==> flow/design.v <==
module mul_unit_rtl #(
   parameter BITS = 14
) (
   input wire CLK,
   input wire ce,
   input wire [BITS-1:0] x,
   input wire [BITS-1:0] y,
   output wire [2*BITS-1:0] p
);
   reg [BITS-1:0] r_x;
   reg [BITS-1:0] r_y;
   always @(posedge CLK) begin
      if (ce) begin
         r_x <= x;
         r_y <= y;
      end
   end
   wire [BITS:0] node [0:BITS];
   wire [BITS-1:0] lo;
   assign node[0] = 0;
   genvar i;
   generate
      for (i = 0; i < BITS; i = i + 1) begin : stage
         add_row #(.N(BITS)) inst (.a(r_x), .sel(r_y[i]), .pin(node[i][BITS:1]), .pout(node[i+1]));
         assign lo[i] = node[i+1][0];
      end
   endgenerate
   reg [2*BITS-1:0] r_p;
   always @(posedge CLK) begin
      if (ce) begin
         r_p <= {node[BITS][BITS:1], lo};
      end
   end
   assign p = r_p;
endmodule
module add_row #(parameter N = 4) (
   input wire [N-1:0] a,
   input wire sel,
   input wire [N-1:0] pin,
   output wire [N:0] pout
);
   assign pout = pin + (a & {N{sel}});
endmodule
From RTL to reports: mul_unit_rtl
The steps from the RTL of mul_unit_rtl to its reports follow in flow order. Lines are those of the file above, counted from 1. Operators: Yosys type, input widths -> output width; for muxes data width and select width s. A cell with -- has no value.

Top module: mul_unit_rtl. Clock: CLK. Library: sky130hd. Corner: tt_025C_1v80.

Elaborated design
Counts by Yosys on the flattened word-level netlist (proc, flatten, opt, wreduce; memories kept). Register bits leave out memories and registers merged into their read ports (data or address); mux counts leave out enables and synchronous resets folded into registers. Print and check cells are left out. Cells with the same type and inputs are merged into one.

Flip-flop bits (word level): 56. Input bits: 30.

For $add $sub $neg the number is 13. The figure for bitwise operators is 14.

Operator list (count): $and 14x14->14 (14); $add 14x15->15 (12); $add 13x15->15 (1).

Depth
Longest topological path by Yosys (ltp), each cell counted once; first at word level (registers and memories cut), then after technology mapping (sequential cells cut; the memories' decode and read muxes count).

Word-level depth: 14. ABC_AREA: 0. For gate-level depth with buffers the number is 80. The figure for depth with buffers taken out is 77.

Netlist
Yosys stat after the flow's synthesis: flattened, memories mapped to cells. It holds for the ABC_AREA given above (unset counts as 0); a run with the other value may have another netlist.

For mapped flip-flops the number is 56. The figure for cells in the netlist is 1344. Under area of sequential cells stands 1681.6 um^2. Buffer cells: 39. Cell area after synthesis: 10920.5 um^2.

Cell types: sky130_fd_sc_hd__ha_1 (count 181, total area 2.26E+03 um^2); sky130_fd_sc_hd__edfxtp_1 (count 56, total area 1.68E+03 um^2); sky130_fd_sc_hd__and2_1 (count 187, total area 1.17E+03 um^2); sky130_fd_sc_hd__xnor2_1 (count 90, total area 788.256 um^2); sky130_fd_sc_hd__a21oi_1 (count 111, total area 555.533 um^2); sky130_fd_sc_hd__a21o_1 (count 61, total area 457.939 um^2); sky130_fd_sc_hd__xor2_1 (count 44, total area 385.37 um^2); sky130_fd_sc_hd__nand2_1 (count 79, total area 296.534 um^2); sky130_fd_sc_hd__fa_1 (count 13, total area 260.25 um^2); sky130_fd_sc_hd__o21ai_0 (count 50, total area 250.24 um^2); sky130_fd_sc_hd__inv_1 (count 64, total area 240.23 um^2); sky130_fd_sc_hd__nor2_1 (count 59, total area 221.462 um^2); sky130_fd_sc_hd__a211oi_1 (count 21, total area 157.651 um^2); sky130_fd_sc_hd__clkbuf_1 (count 39, total area 146.39 um^2); sky130_fd_sc_hd__o21ai_1 (count 29, total area 145.139 um^2); sky130_fd_sc_hd__nand2b_1 (count 21, total area 131.376 um^2); sky130_fd_sc_hd__o21a_1 (count 17, total area 127.622 um^2); sky130_fd_sc_hd__o21bai_1 (count 17, total area 127.622 um^2).

Other cell types: 41; their cells: 205. By module: a second synthesis without flattening, with its own total; a netlist apart from the flattened one above.

Under cells (unflattened synthesis) stands 1611. Area total of the unflattened synthesis: 12300.5 um^2.

Rows give one instance, submodules left out.

By module: add_row (N=14) (cells 111, area 758.2 um^2, times used 14, seq. area 0.0 um^2); mul_unit_rtl (cells 57, area 1685.4 um^2, times used 1, seq. area 1681.6 um^2).

Path before layout
OpenSTA on the mapped netlist: ideal clock, no wires. The path of least setup slack (recovery checks aside). Input and output delay are each 20% of the period. Register names are those of the netlist, which keeps one name where synthesis merged equal registers.

Path kind: register to register. Start: register r_y[1]. End: register r_p[26]. The figure for library setup time is 259 ps. For data arrival time the number is 13756 ps. The figure for path buffers is 3. The figure for clock period is 17500 ps. Under launch time at the first pin stands 0 ps. Under driving pins on the path stands 72. The figure for data required time is 17241 ps. The figure for setup slack is 3484 ps. The figure for path delay is 14015 ps. Under synthesis period reached stands 14016 ps.

"path delay" is the arrival time less input delay plus setup time. "driving pins on the path" counts driving pins, that of a launching flip-flop among them; a cell with two outputs on the path counts twice. "synthesis period reached" = period - worst setup slack (recovery checks aside). The figure is calculated, with input and output delays left at 20% of the set period. Between the ends stands the longest chain of elaborated cells between them, by number of cells; it is not shown to be the way that was timed. Of several equally long chains one is given. A line is the first line of the expression or statement that the cell stems from. Yosys adds cells for indexed reads and writes and turns some case tables into memories.

Path through: sky130_fd_sc_hd__edfxtp_1 > sky130_fd_sc_hd__clkbuf_1 > sky130_fd_sc_hd__and2_1 > sky130_fd_sc_hd__ha_1 > sky130_fd_sc_hd__fa_1 > sky130_fd_sc_hd__a211oi_1 > sky130_fd_sc_hd__o21bai_1 > sky130_fd_sc_hd__a21oi_1 > sky130_fd_sc_hd__xnor2_1 > sky130_fd_sc_hd__ha_1 > sky130_fd_sc_hd__and3_1 > sky130_fd_sc_hd__a221oi_2 > sky130_fd_sc_hd__o21ai_1 > sky130_fd_sc_hd__xnor2_1 > sky130_fd_sc_hd__ha_1 > sky130_fd_sc_hd__nand4_1 > sky130_fd_sc_hd__nor3_1 > sky130_fd_sc_hd__o31a_1 > [... 36 more ...] > sky130_fd_sc_hd__and3_1 > sky130_fd_sc_hd__a221oi_1 > sky130_fd_sc_hd__xnor2_1 > sky130_fd_sc_hd__ha_1 > sky130_fd_sc_hd__and3_1 > sky130_fd_sc_hd__a221oi_1 > sky130_fd_sc_hd__xnor2_1 > sky130_fd_sc_hd__ha_1 > sky130_fd_sc_hd__nand2b_1 > sky130_fd_sc_hd__or2_1 > sky130_fd_sc_hd__o311a_1 > sky130_fd_sc_hd__nand2_1 > sky130_fd_sc_hd__ha_1 > sky130_fd_sc_hd__nor2b_1 > sky130_fd_sc_hd__o21ai_0 > sky130_fd_sc_hd__nand2b_1 > sky130_fd_sc_hd__a41oi_1 > sky130_fd_sc_hd__xnor2_1. Under cells in the longest elaborated chain stands 14.

Ends and longest elaborated chain, post-synthesis: from (decl) (line 11) `reg [BITS-1:0] r_y;`; from (assign) (line 15) `r_y <= y;`; $and 14x14->14 (line 42) `assign pout = pin + (a & {N{sel}});`; $add 13x15->15 (line 42); $add 14x15->15 x12 (line 42); to (assign) (line 31) `r_p <= {node[BITS][BITS:1], lo};`; to (decl) (line 28) `reg [2*BITS-1:0] r_p;`.

Path in the finished layout
From the final timing report of entry A: the path of least setup slack in the routed layout; clock arrival at registers is part of the times. The path's times are printed in steps of 10 ps; the period is the one set.

Path kind: register to register. Start: register r_x[0]. End: register r_p[26]. Under launch time at the first pin stands 320 ps. Under driving pins on the path stands 74. The figure for data required time is 18280 ps. The figure for library setup time is 240 ps. For data arrival time the number is 13900 ps. The figure for setup slack is 4380 ps. The figure for path buffers is 5. The figure for clock period is 18200 ps.

Between the ends stands the longest chain of elaborated cells between them, by number of cells; it is not shown to be the way that was timed. Of several equally long chains one is given.

Path through: sky130_fd_sc_hd__edfxtp_1 > sky130_fd_sc_hd__and2_4 > sky130_fd_sc_hd__ha_4 > sky130_fd_sc_hd__fa_2 > sky130_fd_sc_hd__a211oi_2 > sky130_fd_sc_hd__o21bai_1 > sky130_fd_sc_hd__a21oi_2 > sky130_fd_sc_hd__xnor2_2 > sky130_fd_sc_hd__ha_2 > sky130_fd_sc_hd__and3_4 > sky130_fd_sc_hd__a221oi_4 > sky130_fd_sc_hd__o21ai_1 > sky130_fd_sc_hd__xnor2_1 > sky130_fd_sc_hd__ha_1 > sky130_fd_sc_hd__a21o_1 > sky130_fd_sc_hd__o31a_1 > sky130_fd_sc_hd__nor2_2 > sky130_fd_sc_hd__xnor2_1 > [... 38 more ...] > sky130_fd_sc_hd__a21oi_1 > sky130_fd_sc_hd__xnor2_1 > sky130_fd_sc_hd__ha_1 > sky130_fd_sc_hd__a21o_1 > sky130_fd_sc_hd__a21o_1 > sky130_fd_sc_hd__a221oi_2 > sky130_fd_sc_hd__xnor2_1 > sky130_fd_sc_hd__ha_2 > sky130_fd_sc_hd__nand2b_4 > sky130_fd_sc_hd__or2_1 > sky130_fd_sc_hd__o311a_1 > sky130_fd_sc_hd__nand2_2 > sky130_fd_sc_hd__ha_4 > sky130_fd_sc_hd__nor2b_1 > sky130_fd_sc_hd__o21ai_1 > sky130_fd_sc_hd__nand2b_1 > sky130_fd_sc_hd__a41oi_2 > sky130_fd_sc_hd__xnor2_1. Under cells in the longest elaborated chain stands 14.

Ends and longest elaborated chain, post-layout: from (decl) (line 10) `reg [BITS-1:0] r_x;`; from (assign) (line 14) `r_x <= x;`; $and 14x14->14 (line 42) `assign pout = pin + (a & {N{sel}});`; $add 13x15->15 (line 42); $add 14x15->15 x12 (line 42); to (assign) (line 31) `r_p <= {node[BITS][BITS:1], lo};`; to (decl) (line 28) `reg [2*BITS-1:0] r_p;`.

Ticket comment

Flow measurements of mul_unit_rtl on sky130hd: 3 stored runs with different settings, listed in no order. Input and output delays are each 20% of the period that was set; the output load is 0.01 pF. By "clock period achieved" is meant the clock period of the run minus its worst setup slack. This is arithmetic on one report: input and output delays are still those of the set period (20% each). "critical setup path time" is the time allowed to the run's worst setup path (the clock period less input and output delay, where it has them) less its slack. Clock arrival times count: a late capture clock shortens it, a late launch clock lengthens it. "critical setup path time" is known to 10 ps.

Entry A has these settings: period_ns 18.2; CORE_UTILIZATION 27; SETUP_SLACK_MARGIN 5.0; PLACE_DENSITY_LB_ADDON 0.1; CORE_ASPECT_RATIO 1.16; CORE_MARGIN 9; CELL_PAD_IN_SITES_GLOBAL_PLACEMENT 3; TNS_END_PERCENT 40; GPL_TIMING_DRIVEN 0; CAP_MARGIN 20; SLEW_MARGIN 20. The synthesis area stands at 10920.5 um^2. The full die area reads 48030.7 um^2. The standard-cell area after layout is 14007.2 um^2. The utilization of the finished layout comes to 0.354. The setup slack of the worst path comes to 4378 ps. The final setup TNS stands at 0 ps. The lowest hold slack stands at 749 ps. The measured clock period achieved is 13822 ps. The critical setup path time is 13820 ps. Worst path kind: register to register.

Entry B has these settings: period_ns 24.3; CORE_UTILIZATION 16; SETUP_SLACK_MARGIN 5.0; PLACE_DENSITY_LB_ADDON 0.25; CORE_ASPECT_RATIO 0.62; CORE_MARGIN 8; CELL_PAD_IN_SITES_DETAIL_PLACEMENT 0; ABC_AREA 1; CTS_CLUSTER_SIZE 77; CAP_MARGIN 20; SLEW_MARGIN 20. The synthesis area stands at 13561.8 um^2. The full die area reads 94600.1 um^2. The standard-cell area after layout is 15688.8 um^2. The utilization of the finished layout comes to 0.186. The setup slack of the worst path comes to 8711 ps. The final setup TNS stands at 0 ps. The lowest hold slack stands at 903 ps. The measured clock period achieved is 15589 ps. The critical setup path time is 15590 ps. Worst path kind: register to register.

Entry C has these settings: period_ns 17.5; CAP_MARGIN 20; CORE_MARGIN 2; CORE_UTILIZATION 40; SLEW_MARGIN 20. The synthesis area stands at 10920.5 um^2. The full die area reads 28638.8 um^2. The standard-cell area after layout is 11960.2 um^2. The utilization of the finished layout comes to 0.445. The setup slack of the worst path comes to 1431 ps. The final setup TNS stands at 0 ps. The lowest hold slack stands at 903 ps. The measured clock period achieved is 16069 ps. The critical setup path time is 16070 ps. Worst path kind: register to register.
